==> flow/design.v <==
module ex_scratch #(
    parameter D = 10,
    parameter DATA_WIDTH = 2,
    parameter RPORTS = 1,
    parameter WPORTS = 6,
    parameter ADDR_W = $clog2(D)
) (
    input logic ck,
    input logic [WPORTS-1:0] load_in,
    input logic [WPORTS*ADDR_W-1:0] wr_addr_in,
    input logic [WPORTS*DATA_WIDTH-1:0] din_in,
    input logic [RPORTS*ADDR_W-1:0] raddr_in,
    output logic [RPORTS*DATA_WIDTH-1:0] rd_out
);
    logic [DATA_WIDTH-1:0] store [0:D-1];
    always_ff @(posedge ck) begin
        for (int k = 0; k < WPORTS; k++)
            if (load_in[k]) store[wr_addr_in[k*ADDR_W +: ADDR_W]] <= din_in[k*DATA_WIDTH +: DATA_WIDTH];
    end
    logic [RPORTS*DATA_WIDTH-1:0] val;
    for (genvar gj = 0; gj < RPORTS; gj++) begin : row
        assign val[gj*DATA_WIDTH +: DATA_WIDTH] = store[raddr_in[gj*ADDR_W +: ADDR_W]];
    end
    always_ff @(posedge ck)
        rd_out <= val;
endmodule
Appendix: tool output

=== From RTL to reports: ex_scratch ===
A sweep over "DATA_WIDTH": the same steps for each member of the family.
The RTL above is that of DATA_WIDTH 2; lines are counted from 1 in the file of the member named.
Operators carry their Yosys type and port widths (W data, S select, Z words).
The mark -- stands for no value.

* Design top: ex_scratch
* Clock input: ck
* Cell library: sky130hd
* Corner: tt_025C_1v80

=== Members of the sweep ===
New or changed lines of each further member against the RTL above, in its own file; lines it lacks are not shown.

{| class="wikitable"
|+ New or changed lines
! DATA_WIDTH !! line !! RTL
|-
| 4 || 3 || <nowiki>parameter DATA_WIDTH = 4,</nowiki>
|-
| 12 || 3 || <nowiki>parameter DATA_WIDTH = 12,</nowiki>
|-
| 16 || 3 || <nowiki>parameter DATA_WIDTH = 16,</nowiki>
|-
| 20 || 3 || <nowiki>parameter DATA_WIDTH = 20,</nowiki>
|}

=== Word level ===
Counts by Yosys on the flattened word-level netlist (proc, flatten, opt, wreduce; memories kept). Register bits leave out memories and registers merged into their read ports (data or address); mux counts leave out enables and synchronous resets folded into registers. Print and check cells are left out. Cells with the same type and inputs are merged into one.
Yosys's memory passes give these memory sizes; they may raise the number of words (mostly to a power of two), join words into wider ones and drop unused or constant bits.

{| class="wikitable"
|+ Operators by class
! DATA_WIDTH !! multiplexer cells
|-
| 2 || 18
|-
| 4 || 18
|-
| 12 || 18
|-
| 16 || 18
|-
| 20 || 18
|}

{| class="wikitable"
|+ Operators with widths
! DATA_WIDTH !! kinds with counts
|-
| 2 || 6 x $mux W4; 6 x $mux W2; 6 x $mux W1
|-
| 4 || 12 x $mux W4; 6 x $mux W1
|-
| 12 || 6 x $mux W12; 6 x $mux W4; 6 x $mux W1
|-
| 16 || 6 x $mux W16; 6 x $mux W4; 6 x $mux W1
|-
| 20 || 6 x $mux W20; 6 x $mux W4; 6 x $mux W1
|}

{| class="wikitable"
|+ Bit counts
! DATA_WIDTH !! bits of input ports !! memories !! output and inout bits !! register bits after elaboration !! clocked read ports x word width !! word-level cells !! bits in writable memories
|-
| 2 || 47 || 1 || 2 || 0 || 2 || 19 || 20
|-
| 4 || 59 || 1 || 4 || 0 || 4 || 19 || 40
|-
| 12 || 107 || 1 || 12 || 0 || 12 || 19 || 120
|-
| 16 || 131 || 1 || 16 || 0 || 16 || 19 || 160
|-
| 20 || 155 || 1 || 20 || 0 || 20 || 19 || 200
|}

{| class="wikitable"
|+ Memories
! DATA_WIDTH !! shape (words x width / read and write ports)
|-
| 2 || store 10 x 2 bit 1R6W
|-
| 4 || store 10 x 4 bit 1R6W
|-
| 12 || store 10 x 12 bit 1R6W
|-
| 16 || store 10 x 16 bit 1R6W
|-
| 20 || store 10 x 20 bit 1R6W
|}

=== Depth ===
Longest topological path by Yosys (ltp), each cell counted once; first at word level (registers and memories cut), then after technology mapping (sequential cells cut; the memories' decode and read muxes count).

{| class="wikitable"
|+ Depth
! DATA_WIDTH !! depth in word-level cells !! ABC_AREA !! gate-level depth with buffers !! gate-level depth less buffers
|-
| 2 || 1 || 0 || 6 || 4
|-
| 4 || 1 || 0 || 6 || 4
|-
| 12 || 1 || 0 || 8 || 5
|-
| 16 || 1 || 0 || 7 || 4
|-
| 20 || 1 || 0 || 8 || 4
|}

=== After synthesis ===
Source: synth_stat.txt of the flow (Yosys; design flattened, memories mapped). It holds for the ABC_AREA given above (unset counts as 0); a run with the other value may have another netlist.
Totals and module areas in this step are rounded.

{| class="wikitable"
|+ Cells by type
! DATA_WIDTH !! types with counts
|-
| 2 || 20 x sky130_fd_sc_hd__edfxtp_1; 26 x sky130_fd_sc_hd__nor3_1; 26 x sky130_fd_sc_hd__nand2_1; 13 x sky130_fd_sc_hd__nand3b_1; 9 x sky130_fd_sc_hd__mux2i_1; 4 x sky130_fd_sc_hd__mux4_2; 24 x sky130_fd_sc_hd__nor2_1; 10 x sky130_fd_sc_hd__a211o_1; 23 x sky130_fd_sc_hd__clkbuf_1; 16 x sky130_fd_sc_hd__o21ai_0; 12 x sky130_fd_sc_hd__nand2b_1; 11 x sky130_fd_sc_hd__o22ai_1; 9 x sky130_fd_sc_hd__a211oi_1; 9 x sky130_fd_sc_hd__o211ai_1; 13 x sky130_fd_sc_hd__nand3_1; 7 x sky130_fd_sc_hd__o22a_1; 11 x sky130_fd_sc_hd__a21oi_1; 8 x sky130_fd_sc_hd__a31oi_1; (+106)
|-
| 4 || 40 x sky130_fd_sc_hd__edfxtp_1; 49 x sky130_fd_sc_hd__o22ai_1; 36 x sky130_fd_sc_hd__a211oi_1; 8 x sky130_fd_sc_hd__mux4_2; 48 x sky130_fd_sc_hd__nor2_1; 23 x sky130_fd_sc_hd__o211ai_1; 26 x sky130_fd_sc_hd__a21oi_1; 17 x sky130_fd_sc_hd__nand3b_1; 25 x sky130_fd_sc_hd__o21ai_0; 13 x sky130_fd_sc_hd__a211o_1; 30 x sky130_fd_sc_hd__clkbuf_1; 28 x sky130_fd_sc_hd__nand2_1; 12 x sky130_fd_sc_hd__o22a_1; 20 x sky130_fd_sc_hd__nor3_1; 11 x sky130_fd_sc_hd__and3b_1; 12 x sky130_fd_sc_hd__a21boi_0; 14 x sky130_fd_sc_hd__nand2b_1; 14 x sky130_fd_sc_hd__nor2b_1; (+177)
|-
| 12 || 120 x sky130_fd_sc_hd__edfxtp_1; 189 x sky130_fd_sc_hd__nand2_1; 78 x sky130_fd_sc_hd__a211oi_1; 24 x sky130_fd_sc_hd__mux4_2; 136 x sky130_fd_sc_hd__nor2_1; 129 x sky130_fd_sc_hd__clkbuf_1; 65 x sky130_fd_sc_hd__a31oi_1; 65 x sky130_fd_sc_hd__o22ai_1; 68 x sky130_fd_sc_hd__a21oi_1; 68 x sky130_fd_sc_hd__o21ai_0; 25 x sky130_fd_sc_hd__a311o_1; 12 x sky130_fd_sc_hd__dfxtp_1; 47 x sky130_fd_sc_hd__nand3_1; 36 x sky130_fd_sc_hd__and3_1; 45 x sky130_fd_sc_hd__buf_2; 21 x sky130_fd_sc_hd__mux2i_1; 25 x sky130_fd_sc_hd__o31ai_1; 21 x sky130_fd_sc_hd__o32ai_1; (+255)
|-
| 16 || 160 x sky130_fd_sc_hd__edfxtp_1; 198 x sky130_fd_sc_hd__o22ai_1; 131 x sky130_fd_sc_hd__a31oi_1; 32 x sky130_fd_sc_hd__mux4_2; 167 x sky130_fd_sc_hd__nand2_1; 162 x sky130_fd_sc_hd__clkbuf_1; 66 x sky130_fd_sc_hd__a21boi_0; 86 x sky130_fd_sc_hd__o21ai_0; 47 x sky130_fd_sc_hd__a32oi_1; 82 x sky130_fd_sc_hd__nor3_1; 43 x sky130_fd_sc_hd__a211o_1; 55 x sky130_fd_sc_hd__or3_1; 68 x sky130_fd_sc_hd__buf_2; 16 x sky130_fd_sc_hd__dfxtp_1; 40 x sky130_fd_sc_hd__o211ai_1; 58 x sky130_fd_sc_hd__nand3_1; 28 x sky130_fd_sc_hd__a311o_1; 52 x sky130_fd_sc_hd__a21oi_1; (+389)
|-
| 20 || 200 x sky130_fd_sc_hd__edfxtp_1; 231 x sky130_fd_sc_hd__o22ai_1; 166 x sky130_fd_sc_hd__a31oi_1; 40 x sky130_fd_sc_hd__mux4_2; 230 x sky130_fd_sc_hd__nand2_1; 100 x sky130_fd_sc_hd__a21boi_0; 190 x sky130_fd_sc_hd__clkbuf_1; 69 x sky130_fd_sc_hd__a311o_1; 106 x sky130_fd_sc_hd__or3_1; 99 x sky130_fd_sc_hd__nor3_1; 91 x sky130_fd_sc_hd__o21ai_0; 49 x sky130_fd_sc_hd__o311ai_0; 20 x sky130_fd_sc_hd__dfxtp_1; 61 x sky130_fd_sc_hd__and3_1; 64 x sky130_fd_sc_hd__buf_2; 63 x sky130_fd_sc_hd__a21oi_1; 39 x sky130_fd_sc_hd__o211ai_1; 45 x sky130_fd_sc_hd__nand3_1; (+441)
|}

A list marked (+n) leaves out that many cells.

{| class="wikitable"
|+ Synthesis totals
! DATA_WIDTH !! mapped area (sq um) !! area of sequential cells (sq um) !! flip-flop cells !! standard cells after synthesis !! buffer cells
|-
| 2 || 2,791 || 640.6 || 22 || 357 || 29
|-
| 4 || 4,932 || 1,281 || 44 || 603 || 60
|-
| 12 || 11,580 || 3,844 || 132 || 1,429 || 193
|-
| 16 || 15,810 || 5,125 || 176 || 1,880 || 285
|-
| 20 || 19,520 || 6,406 || 220 || 2,304 || 344
|}

=== Timing after synthesis ===
OpenSTA on the mapped netlist: ideal clock, no wires. The path of least setup slack (recovery checks aside). Input and output delay are each 20% of the period. Register names are those of the netlist, which keeps one name where synthesis merged equal registers.

{| class="wikitable"
|+ Timing path after synthesis
! DATA_WIDTH !! path kind !! start point !! end point !! path delay (ps) !! period (ps) !! stages on the path !! path slack (ps) !! synthesis period reached (ps)
|-
| 2 || input to register || in wr_addr_in[14] || mem store[0][0] || 1,410 || 2,200 || 5 || 350 || 1,850
|-
| 4 || input to register || in load_in[1] || mem store[6][0] || 1,447 || 2,260 || 5 || 361 || 1,899
|-
| 12 || input to register || in wr_addr_in[14] || mem store[3][0] || 1,821 || 2,850 || 6 || 459 || 2,391
|-
| 16 || input to register || in wr_addr_in[16] || mem store[5][0] || 1,899 || 2,970 || 5 || 477 || 2,493
|-
| 20 || input to register || in wr_addr_in[7] || mem store[5][0] || 2,097 || 3,280 || 4 || 527 || 2,753
|}

"path delay" = arrival - input delay + setup time.
"stages on the path" counts driving pins, that of a launching flip-flop among them; a cell with two outputs on the path counts twice.
"synthesis period reached" is the clock period less the worst setup slack; recovery checks do not enter. This is arithmetic on one report: input and output delays are still those of the set period (20% each).
Between the ends stands the longest chain of elaborated cells between them, by number of cells; it is not shown to be the way that was timed. Of several equally long chains one is given.
A line is the first line of the expression or statement that the cell stems from. Yosys adds cells for indexed reads and writes and turns some case tables into memories.

On the way, after synthesis, DATA_WIDTH 2:
* Length of the longest elaborated chain: 1

{| class="wikitable"
|+ Ends and longest elaborated chain, after synthesis, DATA_WIDTH 2
! what !! line !! RTL
|-
| start: declaration || 10 || <nowiki>input logic [WPORTS*ADDR_W-1:0] wr_addr_in,</nowiki>
|-
| $mux W4 || 18 || <nowiki>if (load_in[k]) store[wr_addr_in[k*ADDR_W +: ADDR_W]] <= din_in[k*DATA_WIDTH +: DATA_WIDTH];</nowiki>
|-
| end: declaration || 15 || <nowiki>logic [DATA_WIDTH-1:0] store [0:D-1];</nowiki>
|}

On the way, after synthesis, DATA_WIDTH 20:
* Length of the longest elaborated chain: 1

{| class="wikitable"
|+ Ends and longest elaborated chain, after synthesis, DATA_WIDTH 20
! what !! line !! RTL
|-
| start: declaration || 10 || <nowiki>input logic [WPORTS*ADDR_W-1:0] wr_addr_in,</nowiki>
|-
| $mux W4 || 18 || <nowiki>if (load_in[k]) store[wr_addr_in[k*ADDR_W +: ADDR_W]] <= din_in[k*DATA_WIDTH +: DATA_WIDTH];</nowiki>
|-
| end: declaration || 15 || <nowiki>logic [DATA_WIDTH-1:0] store [0:D-1];</nowiki>
|}

=== Path in the finished layout ===
Path of least setup slack in the final report of the run of each member (OpenROAD, finished layout, wires in). Where an end is a register, its clock arrival counts in the times.
The path's times are printed in steps of 10 ps; the period is the one set.

{| class="wikitable"
|+ Timing path after layout
! DATA_WIDTH !! path kind !! start point !! end point !! data arrival time (ps) !! path slack (ps) !! stages on the path !! period (ps)
|-
| 2 || input to register || in wr_addr_in[21] || mem store[8][0] || 2,210 || 110 || 6 || 2,200
|-
| 4 || input to register || in wr_addr_in[13] || mem store[8][2] || 2,240 || 40 || 7 || 2,260
|-
| 12 || input to register || in wr_addr_in[7] || mem store[8][5] || 2,690 || 330 || 7 || 2,850
|-
| 16 || input to register || in wr_addr_in[15] || mem store[7][5] || 3,080 || 100 || 7 || 2,970
|-
| 20 || input to register || in load_in[3] || mem store[3][0] || 2,890 || 660 || 6 || 3,280
|}

=== Measured runs ===
One run of the flow (Yosys, OpenROAD) for each member, with settings and measured results. Input and output delays are each 20% of the period that was set; the output load is 0.01 pF.

* CAP_MARGIN: 20
* CORE_MARGIN: 2
* CORE_UTILIZATION: 40
* SLEW_MARGIN: 20

{| class="wikitable"
|+ Settings that differ
! DATA_WIDTH !! period_ns
|-
| 2 || 2.2
|-
| 4 || 2.26
|-
| 12 || 2.85
|-
| 16 || 2.97
|-
| 20 || 3.28
|}

{| class="wikitable"
|+ Measured results
! DATA_WIDTH !! std-cell area (final layout) (sq um) !! area inside the die boundary (sq um) !! final setup TNS (ps) !! clock period reached (ps) !! worst hold slack in the final report (ps) !! cell area after synthesis (sq um) !! setup slack of the worst path (ps) !! power consumption (mW)
|-
| 2 || 3,964 || 7,662 || 0 || 2,089 || 557 || 2,791 || 111 || 1.473
|-
| 4 || 7,046 || 13,240 || 0 || 2,219 || 556 || 4,932 || 41 || 2.894
|-
| 12 || 15,030 || 30,330 || 0 || 2,521 || 544 || 11,580 || 329 || 6.476
|-
| 16 || 19,680 || 41,120 || 0 || 2,866 || 547 || 15,810 || 104 || 7.905
|-
| 20 || 23,390 || 50,570 || 0 || 2,618 || 540 || 19,520 || 662 || 9.364
|}

By "clock period reached" is meant the clock period of the run minus its worst setup slack. This is arithmetic on one report: input and output delays are still those of the set period (20% each).
"power consumption": no workload was simulated; the value follows from the tool's default switching activity.
Results are given in rounded form.
